==> flow/design.v <==
module u_ram_block_mod #(
  parameter integer WORDS = 24,
  parameter integer DW = 16,
  parameter integer AWIDTH = $clog2(WORDS),
  parameter integer SLICES = DW / 8
) (
  input  wire CLK,
  input  wire reset,
  input  wire [SLICES-1:0] wstrb,
  input  wire [AWIDTH-1:0] wr_idx,
  input  wire [DW-1:0] d,
  input  wire [AWIDTH-1:0] rsel,
  output wire [DW-1:0] dout
);
  reg [DW-1:0] ram [0:WORDS-1];
  integer i;
  always @(posedge CLK) begin
    for (i = 0; i < SLICES; i = i + 1)
      if (wstrb[i]) ram[wr_idx][8*i +: 8] <= d[8*i +: 8];
  end
  reg [DW-1:0] dout_d1;
  assign dout = dout_d1;
  always @(posedge CLK or posedge reset) begin
    if (reset) begin
      dout_d1 <= 0;
    end else begin
      dout_d1 <= ram[rsel];
    end
  end
endmodule
# Reports on u_ram_block_mod
# What the tools print for u_ram_block_mod, step after step.
# Lines are those of the file above, counted from 1.
# Operators carry their Yosys type and port widths (W data, S select, Z words).
# Library cell names are shortened.
# The mark -- stands for no value.
[inputs] top="u_ram_block_mod" clock="CLK" cell_library="sky130hd" pvt_corner="tt_025C_1v80"

# Word level
# Counts by Yosys on the flattened word-level netlist (proc, flatten, opt, wreduce; memories kept). Register bits leave out memories and registers merged into their read ports (data or address); mux counts leave out enables and synchronous resets folded into registers. Print and check cells are left out. Cells with the same type and inputs are merged into one.
# Yosys's memory passes give these memory sizes; they may raise the number of words (mostly to a power of two), join words into wider ones and drop unused or constant bits.
[bits] ff_bits=0 latchBits=0 ramBits=384 mem_bits_ro=0 clocked_rd_ports_x_width=16 mem_count=1 in_bits=30 out_inout_bits=16
[op_classes] addsub=0 n_mul=0 div_mod_pow=0 compare=0 eq_ne=0 shift=0 n_mux=4 logic=0 reduce_logical=0
[mem_list] memory="ram" size=24 width=16 read_ports=1 write_ports=1 line_no=15 text="reg [DW-1:0] ram [0:WORDS-1];"
[op_table] op="$mux W16" count=2
[op_table] op="$mux W1" count=2

# Logic depth
# Yosys ltp: most cells in a row. Word level: on the elaborated netlist, between registers, memories and ports. Mapped: between sequential cells and ports; inverters and the memories' decode and read muxes count.
[depth] depth_word=1 abc_area=0 mapped_depth=7 mapped_depth_nobuf=4

# Synthesis result
# Yosys stat after the flow's synthesis: flattened, memories mapped to cells. It holds for the ABC_AREA given above (unset counts as 0); a run with the other value may have another netlist.
# The area totals of this step are shown rounded.
[mapped] cell_count=756 synth_area_um2=15470 seqArea_um2=11930 ffs=400
[types] cell="edfxtp_1" count=384
[types] cell="mux4_2" count=64
[types] cell="mux2i_1" count=80
[types] cell="dfrtp_1" count=16
[types] cell="nor2_1" count=50
[types] cell="a2bb2oi_1" count=16
[types] cell="o211ai_2" count=10
[types] cell="a22oi_1" count=16
[types] cell="o311ai_1" count=11
[types] cell="nand3_1" count=18
[types] cell="nand2_1" count=20
[types] cell="buf_2" count=14
[types] cell="buf_4" count=9
[types] cell="clkbuf_1" count=16
[types] cell="o211ai_1" count=6
[types] cell="o311ai_0" count=5
[types] cell="buf_12" count=2
[types] cell="nand3b_1" count=4
# Other cell types: 7; their cells: 15.

# Timing after synthesis
# Path of least setup slack by OpenSTA after synthesis, without wires, with an ideal clock, recovery checks aside; 20% of the period is set as input and as output delay. Where synthesis merged equal registers, the netlist keeps one of their names.
[synth_timing] path_kind="input port to flip-flop" startpoint="in wr_idx[3]" endpoint="mem ram[18][0]" period_ps=2170 input_delay_ps=434 launch_ps=434 arrival_time_ps=1456 required_ps=1800 setup_slack_ps=344 path_delay_ps=1392 stages=3 n_path_buf=1 synth_period_reached_ps=1826
# "path_delay_ps" = arrival - input delay + setup time.
# "stages" counts driving pins, that of a launching flip-flop among them; a cell with two outputs on the path counts twice.
# "synth_period_reached_ps" is the clock period less the worst setup slack; recovery checks do not enter. This is arithmetic on one report: input and output delays are still those of the set period (20% each).
[synth_via] path_cell_list="or3b_2 clkbuf_1 nor2_1"
[synth_lines] element="start: declaration" line_no=10 text="input  wire [AWIDTH-1:0] wr_idx,"
[synth_lines] element="end: declaration" line_no=15 text="reg [DW-1:0] ram [0:WORDS-1];"
# Chain of elaborated cells between the ends: none given.

# Worst path after layout
# From the final timing report of record 1: the path of least setup slack in the routed layout; clock arrival at registers is part of the times.
# The report prints the path's times to 10 ps; the period is as set.
[layout_timing] path_kind="flip-flop to output port" startpoint="reg dout_d1[12]" endpoint="out dout[12]" period_ps=2470 output_delay_ps=490 launch_ps=560 arrival_time_ps=1530 required_ps=1980 setup_slack_ps=450 stages=2 n_path_buf=1
[layout_via] path_cell_list="dfrtp_1 clkdlybuf4s50_1" elab_chain_cells=0
[layout_lines] element="start: declaration" line_no=21 text="reg [DW-1:0] dout_d1;"
[layout_lines] element="end: declaration" line_no=13 text="output wire [DW-1:0] dout"

Add stored flow runs of u_ram_block_mod

Measured data: module u_ram_block_mod, platform sky130hd, 3 stored runs of the flow under differing settings, order arbitrary. Input and output delays are each 20% of the period that was set; the output load is 0.01 pF.
By "achieved clock period" is meant the clock period of the run minus its worst setup slack. This is arithmetic on one report: input and output delays are still those of the set period (20% each).
By "worst setup path time" is meant the share of the clock period that the worst setup path is allowed (20% is reserved at inputs, 20% at outputs), minus its slack. Clock arrival times at its registers enter into it.
By "power" is meant OpenSTA's value without simulated activity: inputs other than the clock are taken to toggle once in ten clock periods, and the tool carries that through the logic.
"worst setup path time" is known to 10 ps.
Results are given in rounded form.
[record 1] settings: period_ns=2.47, CORE_UTILIZATION=26, SETUP_SLACK_MARGIN=0.28, PLACE_DENSITY_LB_ADDON=0.12, CORE_ASPECT_RATIO=0.95, CORE_MARGIN=2, GPL_TIMING_DRIVEN=1, GPL_ROUTABILITY_DRIVEN=1, CTS_CLUSTER_DIAMETER=250, SLEW_MARGIN=20, MIN_ROUTING_LAYER=met1, MAX_ROUTING_LAYER=met5, CAP_MARGIN=20
[record 1] result: chip area after synthesis (Yosys) 15470 sq um, die area 61460 sq um, standard-cell area of the final layout 18940 sq um, utilization 32.0 %, worst setup slack after layout 449 ps, total negative slack 0 ps, power 14910 µW, achieved clock period 2021 ps, worst setup path time 1530 ps, worst setup path kind flip-flop to output port
[record 2] settings: period_ns=2.17, CAP_MARGIN=20, CORE_MARGIN=2, CORE_UTILIZATION=40, SLEW_MARGIN=20
[record 2] result: chip area after synthesis (Yosys) 15470 sq um, die area 40260 sq um, standard-cell area of the final layout 18390 sq um, utilization 47.9 %, worst setup slack after layout 303 ps, total negative slack 0 ps, power 15920 µW, achieved clock period 1867 ps, worst setup path time 1430 ps, worst setup path kind flip-flop to output port
[record 3] settings: period_ns=2.64, CORE_UTILIZATION=24, SETUP_SLACK_MARGIN=0.66, PLACE_DENSITY_LB_ADDON=0.29, CELL_PAD_IN_SITES_GLOBAL_PLACEMENT=1, CELL_PAD_IN_SITES_DETAIL_PLACEMENT=1, GPL_ROUTABILITY_DRIVEN=1, CTS_CLUSTER_SIZE=69, SLEW_MARGIN=15, MIN_ROUTING_LAYER=met1, CAP_MARGIN=20, CORE_MARGIN=2
[record 3] result: chip area after synthesis (Yosys) 15470 sq um, die area 66500 sq um, standard-cell area of the final layout 18890 sq um, utilization 29.5 %, worst setup slack after layout 712 ps, total negative slack 0 ps, power 13830 µW, achieved clock period 1928 ps, worst setup path time 1400 ps, worst setup path kind flip-flop to output port
